==> flow/design.v <==
module u_adder_stage #(
    parameter BITS = 18,
    parameter G = 8
) (
    input  wire clock,
    input  wire i_rst,
    input  wire [BITS-1:0] din,
    input  wire load,
    output wire [BITS+G-1:0] q
);
    reg [BITS+G-1:0] accum;
    always @(posedge clock or posedge i_rst) begin
        if (i_rst) begin
            accum <= 0;
        end else begin
            accum <= load ? 0 : accum + din;
        end
    end
    assign q = accum;
endmodule
# --- From RTL to reports: u_adder_stage ---
# Tool output for the design above, in the order of the flow.
# Lines are those of the file above, counted from 1.
inputs:
  top: "u_adder_stage"
  clock_port: "clock"
  cell_library: "sky130hd"
  pvt_corner: "tt_025C_1v80"

# --- Word level ---
# Source: Yosys, flattened and elaborated, memories not mapped. Widths are those after wreduce; folded enables and synchronous resets count as part of the registers. Registers that Yosys merges into a memory's read port (data or address) are not register bits. Print and check cells do not count. Equal cells are merged and count once.
classes:
  addsub: 1
  n_mux: 1
op_table:
  columns: ["op", "n"]
  rows:
  - ["adder 26 x 18 -> 26 bit", 1]
  - ["two-way mux 26 bit", 1]
word_totals:
  word_cells: 3
  register_bits: 26
  out_inout_bits: 26

# --- Longest topological paths ---
# Depth = most cells in a row (Yosys ltp): at word level without a register or memory, in the mapped netlist without a sequential cell, where the memories' decode and read muxes count.
depth:
  ltp_word: 2
  abc_area: 0
  ltp_mapped: 10

# --- Synthesis result ---
# Source: synth_stat.txt of the flow (Yosys; design flattened, memories mapped). It holds for the ABC_AREA given above (unset counts as 0); a run with the other value may have another netlist.
# Totals and module areas in this step are rounded.
types:
  columns: ["cell_type", "n", "area_total_um2"]
  rows:
  - ["sky130_fd_sc_hd__dfrtp_1", 26, 650.624]
  - ["sky130_fd_sc_hd__ha_1", 18, 225.216]
  - ["sky130_fd_sc_hd__nor2_1", 31, 116.362]
  - ["sky130_fd_sc_hd__xor2_1", 12, 105.101]
  - ["sky130_fd_sc_hd__xnor2_1", 9, 78.826]
  - ["sky130_fd_sc_hd__a21oi_1", 14, 70.067]
  - ["sky130_fd_sc_hd__nand2_1", 15, 56.304]
  - ["sky130_fd_sc_hd__and3_1", 5, 31.28]
  - ["sky130_fd_sc_hd__nor2b_1", 5, 31.28]
  - ["sky130_fd_sc_hd__o21ai_0", 6, 30.029]
  - ["sky130_fd_sc_hd__a41oi_4", 1, 27.526]
  - ["sky130_fd_sc_hd__inv_1", 7, 26.275]
  - ["sky130_fd_sc_hd__o2111ai_1", 3, 26.275]
  - ["sky130_fd_sc_hd__o21ai_2", 3, 26.275]
  - ["sky130_fd_sc_hd__o21a_1", 3, 22.522]
  - ["sky130_fd_sc_hd__fa_1", 1, 20.019]
  - ["sky130_fd_sc_hd__nand3_1", 4, 20.019]
  - ["sky130_fd_sc_hd__nor3_1", 4, 20.019]
# Other cell types: 21; their cells: 32.
synth_totals:
  ff_cells: 26
  mapped_cells: 199
  synth_area_um2: 1817
  buf_cells: 3

# --- Timing after synthesis ---
# OpenSTA on the mapped netlist: ideal clock, no wires. The path of least setup slack (recovery checks aside). Input and output delay are each 20% of the period. Register names are those of the netlist, which keeps one name where synthesis merged equal registers.
synth_timing:
  path_type: "input -> register"
  startpoint: "in din[0]"
  endpoint: "reg accum[20]"
  delay_ns: 1.609
  clock_period_ns: 2.51
  setup_time_ns: 0.132
  t_required_ns: 2.378
  path_buffers: 0
  input_delay_ns: 0.502
  setup_slack_ns: 0.399
  arrival_ns: 1.979
  t_first_pin_ns: 0.502
  stages: 10
  synth_period_reached_ns: 2.111
# "delay_ns" is the arrival time less input delay plus setup time.
# "stages" counts driving pins, that of a launching flip-flop among them; a cell with two outputs on the path counts twice.
# "synth_period_reached_ns" is the clock period less the worst setup slack; recovery checks do not enter. This is arithmetic on one report: input and output delays are still those of the set period (20% each).
# Between the ends stands the longest chain of elaborated cells between them, by number of cells; it is not shown to be the way that was timed. Of several equally long chains one is given.
# A line is the first line of the expression or statement that the cell stems from. Yosys adds cells for indexed reads and writes and turns some case tables into memories.
synth_between:
  cell_sequence: "sky130_fd_sc_hd__ha_1 -> sky130_fd_sc_hd__inv_1 -> sky130_fd_sc_hd__fa_1 -> sky130_fd_sc_hd__nor2b_1 -> sky130_fd_sc_hd__o31a_1 -> sky130_fd_sc_hd__o21ai_2 -> sky130_fd_sc_hd__o21ai_2 -> sky130_fd_sc_hd__o2111ai_1 -> sky130_fd_sc_hd__xor2_1 -> sky130_fd_sc_hd__nor2_1"
  elab_chain_cells: 2
synth_lines:
  columns: ["item", "line", "rtl"]
  rows:
  - ["start, declared", 7, "input  wire [BITS-1:0] din,"]
  - ["adder 26 x 18 -> 26 bit", 16, "accum <= load ? 0 : accum + din;"]
  - ["two-way mux 26 bit", 16, null]
  - ["end, assigned", 14, "accum <= 0;"]
  - ["end, assigned", 16, null]
  - ["end, declared", 11, "reg [BITS+G-1:0] accum;"]

# --- Timing after layout ---
# From the final timing report of run 1: the path of least setup slack in the routed layout; clock arrival at registers is part of the times.
layout_timing:
  path_type: "input -> register"
  startpoint: "in din[0]"
  endpoint: "reg accum[14]"
  stages: 11
  setup_time_ns: 0.15
  setup_slack_ns: 0.62
  arrival_ns: 2.83
  path_buffers: 1
  t_first_pin_ns: 0.67
  t_required_ns: 3.45
  input_delay_ns: 0.67
  clock_period_ns: 3.33
# Between the ends stands the longest chain of elaborated cells between them, by number of cells; it is not shown to be the way that was timed. Of several equally long chains one is given.
layout_between:
  cell_sequence: "sky130_fd_sc_hd__clkdlybuf4s50_1 -> sky130_fd_sc_hd__ha_1 -> sky130_fd_sc_hd__inv_1 -> sky130_fd_sc_hd__fa_1 -> sky130_fd_sc_hd__nor2b_1 -> sky130_fd_sc_hd__o31a_1 -> sky130_fd_sc_hd__o21ai_2 -> sky130_fd_sc_hd__a21oi_1 -> sky130_fd_sc_hd__o21ai_1 -> sky130_fd_sc_hd__xor2_1 -> sky130_fd_sc_hd__nor2_1"
  elab_chain_cells: 2
layout_lines:
  columns: ["item", "line", "rtl"]
  rows:
  - ["start, declared", 7, "input  wire [BITS-1:0] din,"]
  - ["adder 26 x 18 -> 26 bit", 16, "accum <= load ? 0 : accum + din;"]
  - ["two-way mux 26 bit", 16, null]
  - ["end, assigned", 14, "accum <= 0;"]
  - ["end, assigned", 16, null]
  - ["end, declared", 11, "reg [BITS+G-1:0] accum;"]

Ticket comment

Measured results for u_adder_stage: 3 stored runs of the Yosys and OpenROAD flow on sky130hd. The settings differ; the order carries no meaning. The constraints put input and output delay at 20% of the set period each and load the outputs with 0.01 pF.
"period_reached_ns" is the run's clock period less its worst setup slack. It is reckoned from that one timing run; input and output delays stay at 20% of the period that was set.
By "worst_setup_path_time_ns" is meant the share of the clock period that the worst setup path is allowed (20% is reserved at inputs, 20% at outputs), minus its slack. Clock arrival times at its registers enter into it.
By "final_power_mw" is meant OpenSTA's value without simulated activity: inputs other than the clock are taken to toggle once in ten clock periods, and the tool carries that through the logic.
Results are given in rounded form.

--- run 1 ---
==> flow/run.sh <==
#!/bin/bash
# the make line also repeats the synthesis and layout settings of config.mk as NAME=value (left out here)
make -C /OpenROAD-flow-scripts/flow DESIGN_CONFIG=/design/flow/config.mk WORK_HOME=/design/flow/orfs CLKGATE_MAP_FILE= finish
==> flow/config.mk <==
export PLATFORM = sky130hd
export DESIGN_NAME = u_adder_stage
export DESIGN_NICKNAME = u_adder_stage
export VERILOG_FILES = /design/flow/design.v
export SDC_FILE = /design/flow/constraint.sdc
export NUM_CORES = 4
export LEC_CHECK = 0
export ABC_AREA = 0
export CAP_MARGIN = 20
export CORE_ASPECT_RATIO = 1.49
export CORE_MARGIN = 2
export CORE_UTILIZATION = 60
export PLACE_DENSITY_LB_ADDON = 0.14
export SLEW_MARGIN = 20
==> flow/constraint.sdc <==
create_clock -name core_clock -period 3.33 [get_ports {clock}]
set_input_delay 0.6660 -clock core_clock [delete_from_list [all_inputs] [get_ports {clock}]]
set_output_delay 0.6660 -clock core_clock [all_outputs]
set_load 0.01 [all_outputs]

==> results, as YAML <==
results:
  synth_area_um2: 1817
  final_die_area_um2: 3493
  stdcell_area_um2: 2394
  setup_worst_slack_ns: 0.620
  fin_tns_ns: 0.000
  final_power_mw: 1.953
  period_reached_ns: 2.710
  worst_setup_path_time_ns: 2.04
  path_kind: "input -> register"

--- run 2 ---
==> flow/run.sh <==
#!/bin/bash
# the make line also repeats the synthesis and layout settings of config.mk as NAME=value (left out here)
make -C /OpenROAD-flow-scripts/flow DESIGN_CONFIG=/design/flow/config.mk WORK_HOME=/design/flow/orfs CLKGATE_MAP_FILE= finish
==> flow/config.mk <==
export PLATFORM = sky130hd
export DESIGN_NAME = u_adder_stage
export DESIGN_NICKNAME = u_adder_stage
export VERILOG_FILES = /design/flow/design.v
export SDC_FILE = /design/flow/constraint.sdc
export NUM_CORES = 4
export LEC_CHECK = 0
export CAP_MARGIN = 20
export CORE_MARGIN = 8
export CORE_UTILIZATION = 29
export CTS_CLUSTER_SIZE = 44
export GPL_TIMING_DRIVEN = 1
export PLACE_DENSITY = 0.83
export SLEW_MARGIN = 5
==> flow/constraint.sdc <==
create_clock -name core_clock -period 1.73 [get_ports {clock}]
set_input_delay 0.3460 -clock core_clock [delete_from_list [all_inputs] [get_ports {clock}]]
set_output_delay 0.3460 -clock core_clock [all_outputs]
set_load 0.01 [all_outputs]

==> results, as YAML <==
results:
  synth_area_um2: 1817
  final_die_area_um2: 9054
  stdcell_area_um2: 3178
  setup_worst_slack_ns: -0.360
  fin_tns_ns: -4.440
  final_power_mw: 5.002
  period_reached_ns: 2.090
  worst_setup_path_time_ns: 2.09
  path_kind: "register -> register"

--- run 3 ---
==> flow/run.sh <==
#!/bin/bash
# the make line also repeats the synthesis and layout settings of config.mk as NAME=value (left out here)
make -C /OpenROAD-flow-scripts/flow DESIGN_CONFIG=/design/flow/config.mk WORK_HOME=/design/flow/orfs CLKGATE_MAP_FILE= finish
==> flow/config.mk <==
export PLATFORM = sky130hd
export DESIGN_NAME = u_adder_stage
export DESIGN_NICKNAME = u_adder_stage
export VERILOG_FILES = /design/flow/design.v
export SDC_FILE = /design/flow/constraint.sdc
export NUM_CORES = 4
export LEC_CHECK = 0
export CAP_MARGIN = 20
export CORE_MARGIN = 2
export CORE_UTILIZATION = 40
export SLEW_MARGIN = 20
==> flow/constraint.sdc <==
create_clock -name core_clock -period 2.51 [get_ports {clock}]
set_input_delay 0.5020 -clock core_clock [delete_from_list [all_inputs] [get_ports {clock}]]
set_output_delay 0.5020 -clock core_clock [all_outputs]
set_load 0.01 [all_outputs]

==> results, as YAML <==
results:
  synth_area_um2: 1817
  final_die_area_um2: 5097
  stdcell_area_um2: 2618
  setup_worst_slack_ns: 0.106
  fin_tns_ns: 0.000
  final_power_mw: 2.741
  period_reached_ns: 2.404
  worst_setup_path_time_ns: 1.90
  path_kind: "input -> register"
